==> flow/design.v <==
module u_mpy #(
   parameter BITS = 14
) (
   input  CLK,
   input  i_rst_n,
   input  [BITS-1:0] i_in0,
   input  [BITS-1:0] i_in1,
   output [2*BITS-1:0] o_q
);
   reg [BITS-1:0] in0_s;
   reg [BITS-1:0] in1_s;
   always @(posedge CLK or negedge i_rst_n) begin
      if (!i_rst_n) begin
         in0_s <= 0;
         in1_s <= 0;
      end else begin
         in0_s <= i_in0;
         in1_s <= i_in1;
      end
   end
   assign o_q = in0_s * in1_s;
endmodule
# Step by step through the tools: u_mpy
# What the tools print for u_mpy, step after step.
# Lines are those of the file above, counted from 1.
# Operators carry their Yosys type and port widths (W data, S select, Z words).
# Cell names lack the library's common part.
# Not given: -
# setup
top,u_mpy
clk_port,CLK
lib,sky130hd
corner,tt_025C_1v80

# Word-level counts
# Counts by Yosys on the flattened word-level netlist (proc, flatten, opt, wreduce; memories kept). Register bits leave out memories and registers merged into their read ports (data or address); mux counts leave out enables and synchronous resets folded into registers. Print and check cells are left out. Cells with the same type and inputs are merged into one.
# word_totals
ff_bits,28
in_bits,30
out_inout_bits,28
word_cells,3
# op_classes
multipliers,1
# ops
cell,n
$mul A14 B14 Y28,1

# Depth
# Yosys ltp: most cells in a row. Word level: on the elaborated netlist, between registers, memories and ports. Mapped: between sequential cells and ports; inverters and the memories' decode and read muxes count.
# logic_depth
depth_word,1
abc_area,0
depth_mapped,22
mapped_depth_nobuf,20

# Synthesis result
# Yosys stat after the flow's synthesis: flattened, memories mapped to cells. It holds for the ABC_AREA given above (unset counts as 0); a run with the other value may have another netlist.
# mapped
stdcells,860
yosys_area_um2,7651.1
seq_area_um2,700.7
ff_cells,28
buf_cells,36
# by_type
type,n,area_total_um2
fa_1,141,2.82E+03
ha_1,92,1.15E+03
inv_1,187,701.923
dfrtp_1,28,700.672
and2_1,99,619.344
nand2_1,123,461.693
a21oi_1,26,130.125
clkbuf_1,33,123.869
xnor2_1,13,113.859
xor2_1,9,78.826
nor2_1,14,52.55
nand3_1,8,40.038
nor3_1,8,40.038
a21o_1,5,37.536
and3_1,6,37.536
a31oi_1,5,31.28
o211ai_1,4,30.029
o21ai_1,6,30.029
# Other cell types: 35; their cells: 53.

# Timing after synthesis
# Path of least setup slack by OpenSTA after synthesis, without wires, with an ideal clock, recovery checks aside; 20% of the period is set as input and as output delay. Where synthesis merged equal registers, the netlist keeps one of their names.
# synth_path
kind,reg2out
from,register in1_s[2]
to,output port o_q[22]
period_ps,8780
out_delay_ps,1756
t_first_pin_ps,0
arrival_ps,5618
required_time_ps,7024
setup_slack_ps,1406
path_delay_ps,5618
stages,22
path_buffers,2
synth_period_reached_ps,7374
# "path_delay_ps" = arrival - input delay + setup time.
# A path that ends at an output port has no setup time.
# "stages": output pins that drive a net of the path, with the launching flip-flop's if there is one; two outputs of one cell count as two.
# "synth_period_reached_ps" = period - worst setup slack (recovery checks aside). The figure is calculated, with input and output delays left at 20% of the set period.
# Between the ends stands the longest chain of elaborated cells between them, by number of cells; it is not shown to be the way that was timed. Of several equally long chains one is given.
# A line is the first line of the expression or statement that the cell stems from. Yosys adds cells for indexed reads and writes and turns some case tables into memories.
# synth_via
path_cell_list,dfrtp_1 > clkbuf_1 > and2_1 > fa_1 > inv_1 > fa_1 > inv_1 > fa_1 > inv_1 > fa_1 > inv_1 > fa_1 > inv_1 > fa_1 > inv_1 > ha_1 > clkbuf_1 > a21o_1 > and2_2 > a311o_4 > a2111oi_4 > and4b_1
elab_chain_cells,1
cells_between,1
lines_between,1
classes_between,mul: 1
# synth_rtl
item,line,rtl
from (decl),11,reg [BITS-1:0] in1_s;
from (assign),15,in1_s <= 0;
from (assign),18,in1_s <= i_in1;
$mul A14 B14 Y28,21,assign o_q = in0_s * in1_s;
to (decl),8,output [2*BITS-1:0] o_q

# Timing after layout
# From the final timing report of stored run 1: the path of least setup slack in the routed layout; clock arrival at registers is part of the times.
# The path's times are printed in steps of 10 ps; the period is the one set.
# layout_path
kind,reg2out
from,register in0_s[10]
to,output port o_q[25]
period_ps,9490
out_delay_ps,1900
t_first_pin_ps,260
arrival_ps,6740
required_time_ps,7590
setup_slack_ps,850
stages,20
path_buffers,1
# Between the ends stands the longest chain of elaborated cells between them, by number of cells; it is not shown to be the way that was timed. Of several equally long chains one is given.
# layout_via
path_cell_list,dfrtp_1 > and2_1 > fa_1 > inv_1 > fa_1 > inv_1 > fa_1 > fa_1 > fa_1 > inv_1 > fa_1 > inv_1 > ha_1 > and4_1 > nand3_1 > o221a_1 > a21boi_1 > o211ai_1 > a311o_1 > clkdlybuf4s50_1
elab_chain_cells,1
cells_between,1
lines_between,1
classes_between,mul: 1
# layout_rtl
item,line,rtl
from (decl),10,reg [BITS-1:0] in0_s;
from (assign),14,in0_s <= 0;
from (assign),17,in0_s <= i_in0;
$mul A14 B14 Y28,21,assign o_q = in0_s * in1_s;
to (decl),8,output [2*BITS-1:0] o_q

==> results <==
Below are 3 stored runs of the flow (Yosys, OpenROAD; platform sky130hd) on u_mpy, each with its settings and what was measured, unordered. Constraints: input delay and output delay 20% of the set period each, output load 0.01 pF.
"timing.achieved_period_ps" = clock period - worst setup slack. The figure is calculated, with input and output delays left at 20% of the set period.
"critical_path_time_ps" is the time allowed to the run's worst setup path (the clock period less input and output delay, where it has them) less its slack. Clock arrival times count: a late capture clock shortens it, a late launch clock lengthens it.
"critical_path_time_ps" is given in steps of 10 ps.

Stored run 1, flow files:
==> flow/run.sh <==
#!/bin/bash
# the make line also repeats the synthesis and layout settings of config.mk as NAME=value (left out here)
make -C /OpenROAD-flow-scripts/flow DESIGN_CONFIG=/design/flow/config.mk WORK_HOME=/design/flow/orfs CLKGATE_MAP_FILE= finish
==> flow/config.mk <==
export PLATFORM = sky130hd
export DESIGN_NAME = u_mpy
export DESIGN_NICKNAME = u_mpy
export VERILOG_FILES = /design/flow/design.v
export SDC_FILE = /design/flow/constraint.sdc
export NUM_CORES = 4
export LEC_CHECK = 0
export CAP_MARGIN = 10
export CORE_ASPECT_RATIO = 1.02
export CORE_MARGIN = 2
export CORE_UTILIZATION = 66
export CTS_CLUSTER_DIAMETER = 113
export PLACE_DENSITY_LB_ADDON = 0.02
export SLEW_MARGIN = 5
export TNS_END_PERCENT = 55
==> flow/constraint.sdc <==
create_clock -name core_clock -period 9.49 [get_ports {CLK}]
set_input_delay 1.8980 -clock core_clock [delete_from_list [all_inputs] [get_ports {CLK}]]
set_output_delay 1.8980 -clock core_clock [all_outputs]
set_load 0.01 [all_outputs]

==> results of stored run 1, as CSV <==
result,value
finalCellArea_um2,8351.8
yosys_chip_area_um2,7651.1
utilization_pct,74.1
timing.setup.ws_ps,847
critical_path_time_ps,6740
critical_path_type,"reg2out"
timing.achieved_period_ps,8643
final_setup_tns_ps,0
total_die_area_um2,12469.6

Stored run 2, flow files:
==> flow/run.sh <==
#!/bin/bash
# the make line also repeats the synthesis and layout settings of config.mk as NAME=value (left out here)
make -C /OpenROAD-flow-scripts/flow DESIGN_CONFIG=/design/flow/config.mk WORK_HOME=/design/flow/orfs CLKGATE_MAP_FILE= finish
==> flow/config.mk <==
export PLATFORM = sky130hd
export DESIGN_NAME = u_mpy
export DESIGN_NICKNAME = u_mpy
export VERILOG_FILES = /design/flow/design.v
export SDC_FILE = /design/flow/constraint.sdc
export NUM_CORES = 4
export LEC_CHECK = 0
export CAP_MARGIN = 20
export CORE_MARGIN = 2
export CORE_UTILIZATION = 40
export SLEW_MARGIN = 20
==> flow/constraint.sdc <==
create_clock -name core_clock -period 8.78 [get_ports {CLK}]
set_input_delay 1.7560 -clock core_clock [delete_from_list [all_inputs] [get_ports {CLK}]]
set_output_delay 1.7560 -clock core_clock [all_outputs]
set_load 0.01 [all_outputs]

==> results of stored run 2, as CSV <==
result,value
finalCellArea_um2,8506.9
yosys_chip_area_um2,7651.1
utilization_pct,45.3
timing.setup.ws_ps,361
critical_path_time_ps,6660
critical_path_type,"reg2out"
timing.achieved_period_ps,8419
final_setup_tns_ps,0
total_die_area_um2,20250.7

Stored run 3, flow files:
==> flow/run.sh <==
#!/bin/bash
# the make line also repeats the synthesis and layout settings of config.mk as NAME=value (left out here)
make -C /OpenROAD-flow-scripts/flow DESIGN_CONFIG=/design/flow/config.mk WORK_HOME=/design/flow/orfs CLKGATE_MAP_FILE= finish
==> flow/config.mk <==
export PLATFORM = sky130hd
export DESIGN_NAME = u_mpy
export DESIGN_NICKNAME = u_mpy
export VERILOG_FILES = /design/flow/design.v
export SDC_FILE = /design/flow/constraint.sdc
export NUM_CORES = 4
export LEC_CHECK = 0
export CAP_MARGIN = 15
export CORE_ASPECT_RATIO = 0.53
export CORE_MARGIN = 8
export CORE_UTILIZATION = 34
export CTS_CLUSTER_DIAMETER = 24
export CTS_CLUSTER_SIZE = 33
export GPL_TIMING_DRIVEN = 0
export PLACE_DENSITY_LB_ADDON = 0.21
export SETUP_SLACK_MARGIN = 1.42
export SLEW_MARGIN = 20
export TNS_END_PERCENT = 10
==> flow/constraint.sdc <==
create_clock -name core_clock -period 13.1 [get_ports {CLK}]
set_input_delay 2.6200 -clock core_clock [delete_from_list [all_inputs] [get_ports {CLK}]]
set_output_delay 2.6200 -clock core_clock [all_outputs]
set_load 0.01 [all_outputs]

==> results of stored run 3, as CSV <==
result,value
finalCellArea_um2,8689.6
yosys_chip_area_um2,7651.1
utilization_pct,38.8
timing.setup.ws_ps,3145
critical_path_time_ps,7330
critical_path_type,"reg2out"
timing.achieved_period_ps,9955
final_setup_tns_ps,0
total_die_area_um2,27803.5
